==> flow/design.v <==
module my_data_mux_n #(
    parameter integer DATA_W = 10
) (
    input  wire clock,
    input  wire aresetn,
    input  wire [DATA_W-1:0] bus0_i,
    input  wire [DATA_W-1:0] bus1_i,
    input  wire [DATA_W-1:0] bus2_i,
    input  wire [DATA_W-1:0] bus3_i,
    input  wire [DATA_W-1:0] bus4_i,
    input  wire [DATA_W-1:0] bus5_i,
    input  wire [DATA_W-1:0] bus6_i,
    input  wire [DATA_W-1:0] bus7_i,
    input  wire [DATA_W-1:0] bus8_i,
    input  wire [DATA_W-1:0] bus9_i,
    input  wire [DATA_W-1:0] bus10_i,
    input  wire [DATA_W-1:0] bus11_i,
    input  wire [3:0] pick_i,
    output reg [DATA_W-1:0] data_out_o
);
    reg [DATA_W-1:0] val;
    always @* begin
        case (pick_i)
            4'd0: val = bus0_i;
            4'd1: val = bus1_i;
            4'd2: val = bus2_i;
            4'd3: val = bus3_i;
            4'd4: val = bus4_i;
            4'd5: val = bus5_i;
            4'd6: val = bus6_i;
            4'd7: val = bus7_i;
            4'd8: val = bus8_i;
            4'd9: val = bus9_i;
            4'd10: val = bus10_i;
            default: val = bus11_i;
        endcase
    end
    always @(posedge clock) begin
        if (~aresetn) begin
            data_out_o <= 0;
        end else begin
            data_out_o <= val;
        end
    end
endmodule
Reports on my_data_mux_n
The steps from the RTL of my_data_mux_n to its reports follow in flow order.
Line numbers count from 1 in the design file above.
Cell names lack the library's common part.
{ "design": {"top": "my_data_mux_n", "clock": "clock", "lib": "sky130hd", "pvt_corner": "tt_025C_1v80"} }

Word level
Yosys after proc, flatten, opt, wreduce and memory -nomap, before mapping. Enables and synchronous resets that opt folds into registers are not counted as muxes. Memory bits, and registers merged into a memory's read port (data or address), are not among the register bits. Print and check cells are not counted. Equal cells are merged and count once.
{ "op_classes": {"eq_ne": 10, "mux": 1, "reduce_and_logical": 1} }
{ "op_table": {"columns": ["operator", "count"], "rows": [
  ["10-bit parallel mux with 11-bit select", 1],
  ["4-bit by 3-bit equality test with 1-bit output (second input constant)", 4],
  ["4-bit equality test (second input constant)", 3],
  ["4-bit by 2-bit equality test with 1-bit output (second input constant)", 2],
  ["4-bit by 1-bit equality test with 1-bit output (second input constant)", 1],
  ["4-bit logical NOT", 1]
]} }
{ "word_totals": {"input_bits": 126, "word_cells": 13, "register_bits": 10} }

Logic depth
Yosys ltp: most cells in a row. Word level: on the elaborated netlist, between registers, memories and ports. Mapped: between sequential cells and ports; inverters and the memories' decode and read muxes count.
{ "depth": {"word_depth": 2, "abc_area": 0, "depth_mapped": 7, "ltp_nobuf": 4} }

Netlist
Yosys stat after the flow's synthesis: flattened, memories mapped to cells. It holds for the ABC_AREA given above (unset counts as 0); a run with the other value may have another netlist.
Totals and module areas in this step are rounded.
{ "types": {"columns": ["cell", "count", "area_total_um2"], "rows": [
  ["dfxtp_1", 10, 200.192],
  ["o21ai_0", 23, 115.11],
  ["a31oi_1", 11, 68.816],
  ["mux2i_1", 6, 60.058],
  ["nand3_1", 12, 60.058],
  ["buf_6", 5, 56.304],
  ["a311oi_1", 6, 52.55],
  ["buf_4", 7, 52.55],
  ["a221o_1", 5, 50.048],
  ["a21oi_1", 9, 45.043],
  ["a22oi_1", 6, 45.043],
  ["mux2_2", 4, 45.043],
  ["a2bb2oi_1", 4, 35.034],
  ["buf_2", 7, 35.034],
  ["mux2_1", 3, 33.782],
  ["a32o_1", 3, 30.029],
  ["a41o_1", 3, 30.029],
  ["and4b_1", 3, 30.029]
]} }
Not listed: further types 33, cells in them 65.
{ "mapped": {"n_buf": 23, "stdcells": 192, "seqArea_um2": 200, "ffs": 10, "synth_area_um2": 1510} }

Path before layout
OpenSTA on the mapped netlist: ideal clock, no wires. The path of least setup slack (recovery checks aside). Input and output delay are each 20% of the period. Register names are those of the netlist, which keeps one name where synthesis merged equal registers.
{ "synth_path": {"path_kind": "in2reg", "startpoint": "input pick_i[2]", "endpoint": "register data_out_o[2]", "t_first_pin_ps": 328, "input_delay_ps": 328, "n_path_buf": 1, "slack_ps": 263, "setup_time_ps": 130, "arrival_time_ps": 1247, "driving_pins": 5, "tclk_ps": 1640, "t_required_ps": 1510, "path_delay_ps": 1049, "period_less_setup_slack_ps": 1377} }
"path_delay_ps" = arrival - input delay + setup time.
"driving_pins" counts driving pins, that of a launching flip-flop among them; a cell with two outputs on the path counts twice.
"period_less_setup_slack_ps" = period - worst setup slack (recovery checks aside). The figure is calculated, with input and output delays left at 20% of the set period.
The rows between start and end are the longest chain of elaborated cells between them; the timing report does not say that the signal goes this way. Where chains are equally long, one stands for them.
A line is the first line of the expression or statement that the cell stems from. Yosys adds cells for indexed reads and writes and turns some case tables into memories.
{ "synth_between": {"cell_sequence": "buf_6 > mux2_2 > a221o_1 > o21ai_0 > a311oi_1", "elab_chain_cells": 2, "cells_between": 12, "cone_lines": 1, "classes_between": "eq/ne: 10; mux: 1; reduce/logical: 1"} }
{ "synth_rtl": {"columns": ["item", "line_no", "rtl"], "rows": [
  ["start, declared", 18, "input  wire [3:0] pick_i,"],
  ["4-bit equality test", 23, "case (pick_i)"],
  ["10-bit parallel mux with 11-bit select", 23, null],
  ["end, assigned", 40, "data_out_o <= 0;"],
  ["end, assigned", 42, "data_out_o <= val;"],
  ["end, declared", 19, "output reg [DATA_W-1:0] data_out_o"]
]} }

Timing after layout
Path of least setup slack in the final report of run 1 (OpenROAD, finished layout, wires in). Where an end is a register, its clock arrival counts in the times.
The path's times are printed in steps of 10 ps; the period is the one set.
{ "layout_path": {"path_kind": "in2reg", "startpoint": "input pick_i[2]", "endpoint": "register data_out_o[3]", "n_path_buf": 2, "setup_time_ps": 70, "t_first_pin_ps": 340, "slack_ps": 360, "tclk_ps": 1720, "input_delay_ps": 340, "driving_pins": 6, "arrival_time_ps": 1530, "t_required_ps": 1880} }
The rows between start and end are the longest chain of elaborated cells between them; the timing report does not say that the signal goes this way. Where chains are equally long, one stands for them.
{ "layout_between": {"cell_sequence": "buf_4 > bufbuf_16 > nor4bb_1 > a31oi_1 > a41o_1 > a31oi_1", "elab_chain_cells": 2, "cells_between": 12, "cone_lines": 1, "classes_between": "eq/ne: 10; mux: 1; reduce/logical: 1"} }
{ "layout_rtl": {"columns": ["item", "line_no", "rtl"], "rows": [
  ["start, declared", 18, "input  wire [3:0] pick_i,"],
  ["4-bit equality test", 23, "case (pick_i)"],
  ["10-bit parallel mux with 11-bit select", 23, null],
  ["end, assigned", 40, "data_out_o <= 0;"],
  ["end, assigned", 42, "data_out_o <= val;"],
  ["end, declared", 19, "output reg [DATA_W-1:0] data_out_o"]
]} }

Subject: flow runs of my_data_mux_n

Hi,

Settings and measured results of 3 stored flow runs for module my_data_mux_n (sky130hd), not sorted in any way. The constraints put input and output delay at 20% of the set period each and load the outputs with 0.01 pF.
By "time used up by the worst setup path" is meant the share of the clock period that the worst setup path is allowed (20% is reserved at inputs, 20% at outputs), minus its slack. Clock arrival times at its registers enter into it.
"time used up by the worst setup path" is known to 10 ps.
Values from the reports are rounded here.

==> run 1: settings <==
{ "period_ns": 1.72, "CORE_UTILIZATION": 17, "SETUP_SLACK_MARGIN": 0.33, "PLACE_DENSITY_LB_ADDON": 0.2, "CELL_PAD_IN_SITES_DETAIL_PLACEMENT": 0, "GPL_TIMING_DRIVEN": 1, "GPL_ROUTABILITY_DRIVEN": 1, "CTS_CLUSTER_DIAMETER": 24, "CAP_MARGIN": 20, "CORE_MARGIN": 2, "SLEW_MARGIN": 20 }
==> run 1: results <==
overall die area: 9,650 um^2
setup slack of the critical path: 355 ps
time used up by the worst setup path: 1,020 ps
class of the worst setup path: in2reg
cell area after synthesis: 1,510 um^2
final design utilization: 38.0%

==> run 2: settings <==
{ "period_ns": 1.64, "CAP_MARGIN": 20, "CORE_MARGIN": 2, "CORE_UTILIZATION": 40, "SLEW_MARGIN": 20 }
==> run 2: results <==
time used up by the worst setup path: 1,200 ps
class of the worst setup path: in2reg
overall die area: 4,280 um^2
setup slack of the critical path: 108 ps
cell area after synthesis: 1,510 um^2
final design utilization: 85.1%

==> run 3: settings <==
{ "period_ns": 1.05, "CORE_UTILIZATION": 60, "SETUP_SLACK_MARGIN": 0.25, "PLACE_DENSITY_LB_ADDON": 0.04, "TNS_END_PERCENT": 35, "GPL_ROUTABILITY_DRIVEN": 0, "CTS_CLUSTER_DIAMETER": 28, "SLEW_MARGIN": 25, "CAP_MARGIN": 20, "CORE_MARGIN": 2 }
==> run 3: results <==
no results, placement failed with FLW-0024

Regards
